==> flow/design.v <==
module cpu_selector_p #(
   parameter DW = 3
) (
   input wire CLK,
   input wire rst_i,
   input wire [DW-1:0] i_din0,
   input wire [DW-1:0] i_din1,
   input wire [DW-1:0] i_din2,
   input wire [DW-1:0] i_din3,
   input wire [DW-1:0] i_din4,
   input wire [DW-1:0] i_din5,
   input wire [DW-1:0] i_din6,
   input wire [DW-1:0] i_din7,
   input wire [6:0] i_s,
   output reg [DW-1:0] o_result
);
   reg [DW-1:0] din0_d1;
   reg [DW-1:0] din1_d1;
   reg [DW-1:0] din2_d1;
   reg [DW-1:0] din3_d1;
   reg [DW-1:0] din4_d1;
   reg [DW-1:0] din5_d1;
   reg [DW-1:0] din6_d1;
   reg [DW-1:0] din7_d1;
   reg [6:0] s_d1;
   always @(posedge CLK or posedge rst_i) begin
      if (rst_i) begin
         din0_d1 <= 0;
         din1_d1 <= 0;
         din2_d1 <= 0;
         din3_d1 <= 0;
         din4_d1 <= 0;
         din5_d1 <= 0;
         din6_d1 <= 0;
         din7_d1 <= 0;
         s_d1 <= 0;
      end else begin
         din0_d1 <= i_din0;
         din1_d1 <= i_din1;
         din2_d1 <= i_din2;
         din3_d1 <= i_din3;
         din4_d1 <= i_din4;
         din5_d1 <= i_din5;
         din6_d1 <= i_din6;
         din7_d1 <= i_din7;
         s_d1 <= i_s;
      end
   end
   reg [DW-1:0] val;
   always @(*) begin
      casez (s_d1)
         7'b??????1: val = din0_d1;
         7'b?????10: val = din1_d1;
         7'b????100: val = din2_d1;
         7'b???1000: val = din3_d1;
         7'b??10000: val = din4_d1;
         7'b?100000: val = din5_d1;
         7'b1000000: val = din6_d1;
         default: val = din7_d1;
      endcase
   end
   always @(posedge CLK or posedge rst_i) begin
      if (rst_i) begin
         o_result <= 0;
      end else begin
         o_result <= val;
      end
   end
endmodule
### Step by step through the tools: cpu_selector_p

What the tools print for cpu_selector_p, step after step.
Line numbers count from 1 in the design file above.
Operators carry their Yosys type and port widths (W data, S select, Z words).
Cell names lack the library's common part.
Not given: --

| design | value |
|---|---|
| top | cpu_selector_p |
| clock input | CLK |
| standard-cell library | sky130hd |
| library corner | tt_025C_1v80 |

### After elaboration

Yosys after proc, flatten, opt, wreduce and memory -nomap, before mapping. Enables and synchronous resets that opt folds into registers are not counted as muxes. Memory bits, and registers merged into a memory's read port (data or address), are not among the register bits. Print and check cells are not counted. Equal cells are merged and count once.

| bit counts | value |
|---|---|
| register bits after elaboration | 34 |
| bits of input ports | 33 |
| output and inout port bits | 3 |
| cells after elaboration | 17 |

| operators by class | value |
|---|---|
| equal/unequal tests | 6 |
| multiplexer cells | 1 |

Operators by type and width:

| operator | number |
|---|---|
| $pmux W3 S7 | 1 |
| $eq A7 B7 Y1 const B | 1 |
| $eq A6 B6 Y1 const B | 1 |
| $eq A5 B5 Y1 const B | 1 |
| $eq A4 B4 Y1 const B | 1 |
| $eq A3 B3 Y1 const B | 1 |
| $eq A2 B2 Y1 const B | 1 |

### Depth

Longest topological path by Yosys (ltp), each cell counted once; first at word level (registers and memories cut), then after technology mapping (sequential cells cut; the memories' decode and read muxes count).

| logic depth | value |
|---|---|
| depth in word-level cells | 2 |
| ABC_AREA | 1 |
| mapped depth | 7 |
| mapped depth without buffers | 7 |

### Synthesis result

Yosys stat after the flow's synthesis: flattened, memories mapped to cells. It holds for the ABC_AREA given above (unset counts as 0); a run with the other value may have another netlist.
Totals and module areas in this step are rounded.

| mapped netlist | value |
|---|---|
| cell count | 95 |
| synthesis area | 0.0011 sq mm |
| flip-flops | 34 |

Cells by type:

| type | number | total area (sq um) |
|---|---|---|
| dfrtp_1 | 34 | 850.816 |
| nand3_1 | 13 | 65.062 |
| nand2_1 | 16 | 60.058 |
| nand4_1 | 7 | 43.792 |
| inv_1 | 8 | 30.029 |
| nor2_1 | 8 | 30.029 |
| nor2_2 | 2 | 12.512 |
| nand2_4 | 1 | 11.261 |
| nor2_4 | 1 | 11.261 |
| nor3_1 | 2 | 10.01 |
| and3_1 | 1 | 6.256 |
| inv_4 | 1 | 6.256 |
| inv_2 | 1 | 3.754 |

### Path before layout

Path of least setup slack by OpenSTA after synthesis, without wires, with an ideal clock, recovery checks aside; 20% of the period is set as input and as output delay. Where synthesis merged equal registers, the netlist keeps one of their names.

| timing after synthesis | value |
|---|---|
| path type | reg-to-reg |
| start point | register s_d1[1] |
| end point | register o_result[0] |
| clock period | 2180 ps |
| launch time at the first pin | 0 ps |
| arrival | 959 ps |
| data required time | 2111 ps |
| slack | 1153 ps |
| delay of the path | 1028 ps |
| driving pins on the path | 8 |
| path buffers | 0 |
| period reached after synthesis | 1027 ps |

"delay of the path" is the arrival time less input delay plus setup time.
"driving pins on the path" counts driving pins, that of a launching flip-flop among them; a cell with two outputs on the path counts twice.
"period reached after synthesis" is the clock period less the worst setup slack; recovery checks do not enter. This is arithmetic on one report: input and output delays are still those of the set period (20% each).
The rows between start and end are the longest chain of elaborated cells between them; the timing report does not say that the signal goes this way. Where chains are equally long, one stands for them.
A line is the first line of the expression or statement that the cell stems from. Yosys adds cells for indexed reads and writes and turns some case tables into memories.

| on the way, after synthesis | value |
|---|---|
| path through | dfrtp_1 nor2_4 nand2_4 inv_4 nand3_1 nand2_1 nor2_1 nand3_1 |
| cells in the longest elaborated chain | 2 |
| elaborated cells on any way between the ends | 7 |
| classes of those cells | eq/ne: 6; mux: 1 |

RTL lines, path after synthesis:

| what | RTL line | text |
|---|---|---|
| start: declaration | 25 | `reg [6:0] s_d1;` |
| start: assignment | 36 | `s_d1 <= 0;` |
| start: assignment | 46 | `s_d1 <= i_s;` |
| $eq A7 B7 Y1 | 51 | `casez (s_d1)` |
| $pmux W3 S7 | 51 |  |
| end: assignment | 64 | `o_result <= 0;` |
| end: assignment | 66 | `o_result <= val;` |
| end: declaration | 15 | `output reg [DW-1:0] o_result` |

### Timing after layout

From the final timing report of record 1: the path of least setup slack in the routed layout; clock arrival at registers is part of the times.
The report prints the path's times to 10 ps; the period is as set.

| timing after layout | value |
|---|---|
| path type | reg-to-output |
| start point | register o_result[0] |
| end point | output o_result[0] |
| clock period | 2120 ps |
| launch time at the first pin | 320 ps |
| arrival | 1180 ps |
| data required time | 1700 ps |
| slack | 520 ps |
| driving pins on the path | 2 |
| path buffers | 1 |

| on the way, after layout | value |
|---|---|
| path through | dfrtp_1 clkdlybuf4s50_1 |
| cells in the longest elaborated chain | 0 |
| elaborated cells on any way between the ends | 0 |

RTL lines, path after layout:

| what | RTL line | text |
|---|---|---|
| start: declaration | 15 | `output reg [DW-1:0] o_result` |
| start: assignment | 64 | `o_result <= 0;` |
| start: assignment | 66 | `o_result <= val;` |
| end: declaration | 15 |  |

==> results <==
Settings and measured results of 3 stored flow runs for module cpu_selector_p (sky130hd), not sorted in any way. The constraints put input and output delay at 20% of the set period each and load the outputs with 0.01 pF.
"period achieved" is the run's clock period less its worst setup slack. It is reckoned from that one timing run; input and output delays stay at 20% of the period that was set.
"worst path time" = time allowed to the worst setup path (clock period - input delay - output delay, where it has them) - its slack; a late launch clock adds to it, a late capture clock takes from it.
By "power consumption" is meant OpenSTA's value without simulated activity: inputs other than the clock are taken to toggle once in ten clock periods, and the tool carries that through the logic.
"worst path time" is given in steps of 10 ps.
The measured numbers are rounded.
A setting shown as - is not set for that run.
A result given as - is not shown for that run.

| run name | period_ns | CORE_UTILIZATION | CORE_MARGIN | ABC_AREA | CTS_CLUSTER_SIZE | CTS_CLUSTER_DIAMETER | CAP_MARGIN | SLEW_MARGIN | SETUP_SLACK_MARGIN | PLACE_DENSITY_LB_ADDON | CELL_PAD_IN_SITES_GLOBAL_PLACEMENT | CELL_PAD_IN_SITES_DETAIL_PLACEMENT | GPL_TIMING_DRIVEN | GPL_ROUTABILITY_DRIVEN | MIN_ROUTING_LAYER | worst path time (ps) | critical path kind | period achieved (ps) | standard-cell area after routing (sq mm) | area inside the die boundary (sq mm) | power consumption (µW) | lowest setup slack (ps) | cell area after synthesis (sq mm) | post-layout utilization |
|---|---|---|---|---|---|---|---|---|---|---|---|---|---|---|---|---|---|---|---|---|---|---|---|---|
| record 1 | 2.12 | 56 | 5 | 1 | 81 | 22 | 20 | 20 | - | - | - | - | - | - | - | 1180 | reg-to-output | 1602 | 0.0016 | 0.003 | 1200 | 520 | 0.0011 | 0.82 |
| record 2 | 2.86 | 49 | 2 | - | - | - | 20 | 20 | -0.14 | 0.04 | 2 | 0 | 1 | 1 | met1 | - | - | - | - | - | - | - | - | - |
| record 3 | 2.18 | 40 | 2 | - | - | - | 20 | 20 | - | - | - | - | - | - | - | 1850 | reg-to-reg | 1848 | 0.0015 | 0.0031 | 1100 | 330 | 0.0011 | 0.61 |

Record 2: stopped before the end: placement reported FLW-0024
